==> flow/design.v <==
module cpu_mux_stage #(
    parameter NBITS = 2,
    parameter COUNT = 7,
    parameter LOGN = $clog2(COUNT)
) (
    input logic ck,
    input logic [COUNT*NBITS-1:0] ch,
    input logic [LOGN-1:0] sel,
    output logic [NBITS-1:0] o
);
    logic [COUNT*NBITS-1:0] ch_r;
    always_ff @(posedge ck) begin
        ch_r <= ch;
    end
    logic [LOGN-1:0] sel_r;
    always_ff @(posedge ck) begin
        sel_r <= sel;
    end
    logic [COUNT*NBITS-1:0] cur;
    assign cur = ch_r >> (sel_r * NBITS);
    always_ff @(posedge ck) begin
        o <= cur[NBITS-1:0];
    end
endmodule
Step by step through the tools: cpu_mux_stage
The steps from the RTL of cpu_mux_stage to its reports follow in flow order.
Lines are those of the file above, counted from 1.
Library cell names are shortened.
{ "inputs": {"top_module": "cpu_mux_stage", "clock_port": "ck", "cell_library": "sky130hd", "pvt_corner": "tt_025C_1v80"} }

After elaboration
Yosys after proc, flatten, opt, wreduce and memory -nomap, before mapping. Enables and synchronous resets that opt folds into registers are not counted as muxes. Memory bits, and registers merged into a memory's read port (data or address), are not among the register bits. Print and check cells are not counted. Equal cells are merged and count once.
{ "classes": {"shifts": 1} }
{ "op_table": {"columns": ["op", "n"], "rows": [
  [">> shifter 14 x 4 -> 2 bit", 1]
]} }
{ "bits": {"input_bits": 18, "wordCells": 4, "register_bits": 19} }

Logic depth
Depth = most cells in a row (Yosys ltp): at word level without a register or memory, in the mapped netlist without a sequential cell, where the memories' decode and read muxes count.
{ "logic_depth": {"depth_word": 1, "ABC_AREA": 0, "mapped_depth": 4} }

Netlist
The flow's flattened synthesis, as Yosys stat reports it; memories are mapped. The netlist is that of the ABC_AREA named above (0 if unset); the other value can give another one.
{ "types": {"columns": ["cell_type", "n", "area_total_um2"], "rows": [
  ["dfxtp_1", 19, 380.365],
  ["mux2i_1", 6, 60.058],
  ["o211a_1", 2, 20.019],
  ["a221oi_1", 2, 17.517],
  ["nand3b_1", 2, 15.014],
  ["buf_6", 1, 11.261],
  ["and2b_1", 1, 7.507],
  ["nor2_1", 1, 3.754]
]} }
{ "mapped": {"mapped_area_mm2": 0.0005155, "flip_flops": 19, "cells": 34, "sequential_area_mm2": 0.0003804} }

Timing after synthesis
Source: OpenSTA report_checks on the synthesized netlist (no wires, ideal clock, input and output delay 20% of the period each), path of least setup slack; recovery checks are left aside. Register names are those of the netlist, which keeps one name where synthesis merged equal registers.
{ "synth_path": {"path_kind": "flip-flop to flip-flop", "from": "register sel_r[0]", "to": "register o[0]", "arrival_time_ns": 0.885, "setup_slack_ns": 0.250, "t_first_pin_ns": 0.000, "path_stages": 5, "delay_ns": 0.980, "clock_period_ns": 1.23, "setup_ns": 0.095, "n_path_buf": 1, "t_required_ns": 1.135, "period_less_setup_slack_ns": 0.98} }
"delay_ns" is the arrival time less input delay plus setup time.
"path_stages": output pins that drive a net of the path, with the launching flip-flop's if there is one; two outputs of one cell count as two.
"period_less_setup_slack_ns" = period - worst setup slack (recovery checks aside). The figure is calculated, with input and output delays left at 20% of the set period.
The rows between start and end are the longest chain of elaborated cells between them; the timing report does not say that the signal goes this way. Where chains are equally long, one stands for them.
A line is the first line of the expression or statement that the cell stems from. Yosys adds cells for indexed reads and writes and turns some case tables into memories.
{ "synth_between": {"cell_sequence": "dfxtp_1 -> buf_6 -> mux2i_1 -> o211a_1 -> a221oi_1", "elab_chain_len": 1} }
{ "synth_rtl": {"columns": ["item", "line_no", "rtl"], "rows": [
  ["start, declared", 15, "logic [LOGN-1:0] sel_r;"],
  ["start, assigned", 17, "sel_r <= sel;"],
  [">> shifter 14 x 4 -> 2 bit", 20, "assign cur = ch_r >> (sel_r * NBITS);"],
  ["end, assigned", 22, "o <= cur[NBITS-1:0];"],
  ["end, declared", 9, "output logic [NBITS-1:0] o"]
]} }

Worst path after layout
From the final timing report of run A: the path of least setup slack in the routed layout; clock arrival at registers is part of the times.
{ "layout_path": {"path_kind": "flip-flop to output port", "from": "register o[1]", "to": "output port o[1]", "clock_period_ns": 1.23, "t_first_pin_ns": 0.28, "n_path_buf": 1, "setup_slack_ns": 0.12, "path_stages": 2, "arrival_time_ns": 0.86, "t_required_ns": 0.98} }
{ "layout_between": {"cell_sequence": "dfxtp_1 -> dlygate4sd2_1", "elab_chain_len": 0} }
{ "layout_rtl": {"columns": ["item", "line_no", "rtl"], "rows": [
  ["start, declared", 9, "output logic [NBITS-1:0] o"],
  ["start, assigned", 22, "o <= cur[NBITS-1:0];"],
  ["end, declared", 9, null]
]} }

Lab notebook: cpu_mux_stage

Design cpu_mux_stage on sky130hd. What follows are 3 stored runs of the flow, each under its own settings; their order means nothing. The constraints put input and output delay at 20% of the set period each and load the outputs with 0.01 pF.
"clock_period_reached_ns" is the run's clock period less its worst setup slack. It is reckoned from that one timing run; input and output delays stay at 20% of the period that was set.
"worst_path_allowed_less_slack_ns" is the time allowed to the run's worst setup path (the clock period less input and output delay, where it has them) less its slack. Clock arrival times count: a late capture clock shortens it, a late launch clock lengthens it.
"fin_power_mw": no workload was simulated; the value follows from the tool's default switching activity.
[
  {
    "run": "run A",
    "settings": { "period_ns": 1.23, "CAP_MARGIN": 20, "CORE_MARGIN": 2, "CORE_UTILIZATION": 40, "SLEW_MARGIN": 20 },
    "results": { "timing.setup.ws_ns": 0.120, "clock_period_reached_ns": 1.110, "stdcell_area_mm2": 0.0007445, "worst_path_allowed_less_slack_ns": 0.86, "critical_path_type": "flip-flop to output port", "final_die_area_mm2": 0.001592, "ys_area_mm2": 0.0005155, "final_hold_ws_ns": 0.393, "final_util_frac": 0.644, "fin_power_mw": 1.048, "fin_tns_ns": 0.000 }
  },
  {
    "run": "run B",
    "settings": { "period_ns": 1.35, "CORE_UTILIZATION": 37, "SETUP_SLACK_MARGIN": 0.24, "PLACE_DENSITY_LB_ADDON": 0.07, "CORE_ASPECT_RATIO": 1.48, "CAP_MARGIN": 25, "SLEW_MARGIN": 25, "CORE_MARGIN": 2 },
    "results": { "timing.setup.ws_ns": 0.348, "fin_power_mw": 0.9702, "stdcell_area_mm2": 0.000737, "fin_tns_ns": 0.000, "clock_period_reached_ns": 1.002, "worst_path_allowed_less_slack_ns": 1.00, "critical_path_type": "flip-flop to flip-flop", "final_util_frac": 0.558, "final_hold_ws_ns": 0.404, "ys_area_mm2": 0.0005155, "final_die_area_mm2": 0.0017135 }
  },
  {
    "run": "run C",
    "settings": { "period_ns": 0.959, "CORE_UTILIZATION": 27, "SETUP_SLACK_MARGIN": 0.1, "PLACE_DENSITY": 0.64, "CTS_CLUSTER_DIAMETER": 30, "SLEW_MARGIN": 35, "MIN_ROUTING_LAYER": "met2", "CAP_MARGIN": 20, "CORE_MARGIN": 2 },
    "results": { "worst_path_allowed_less_slack_ns": 0.97, "critical_path_type": "flip-flop to flip-flop", "final_hold_ws_ns": 0.318, "clock_period_reached_ns": 0.966, "timing.setup.ws_ns": -0.007, "fin_tns_ns": -0.007, "ys_area_mm2": 0.0005155, "final_die_area_mm2": 0.0022748, "stdcell_area_mm2": 0.000782, "fin_power_mw": 1.389, "final_util_frac": 0.443 }
  }
]
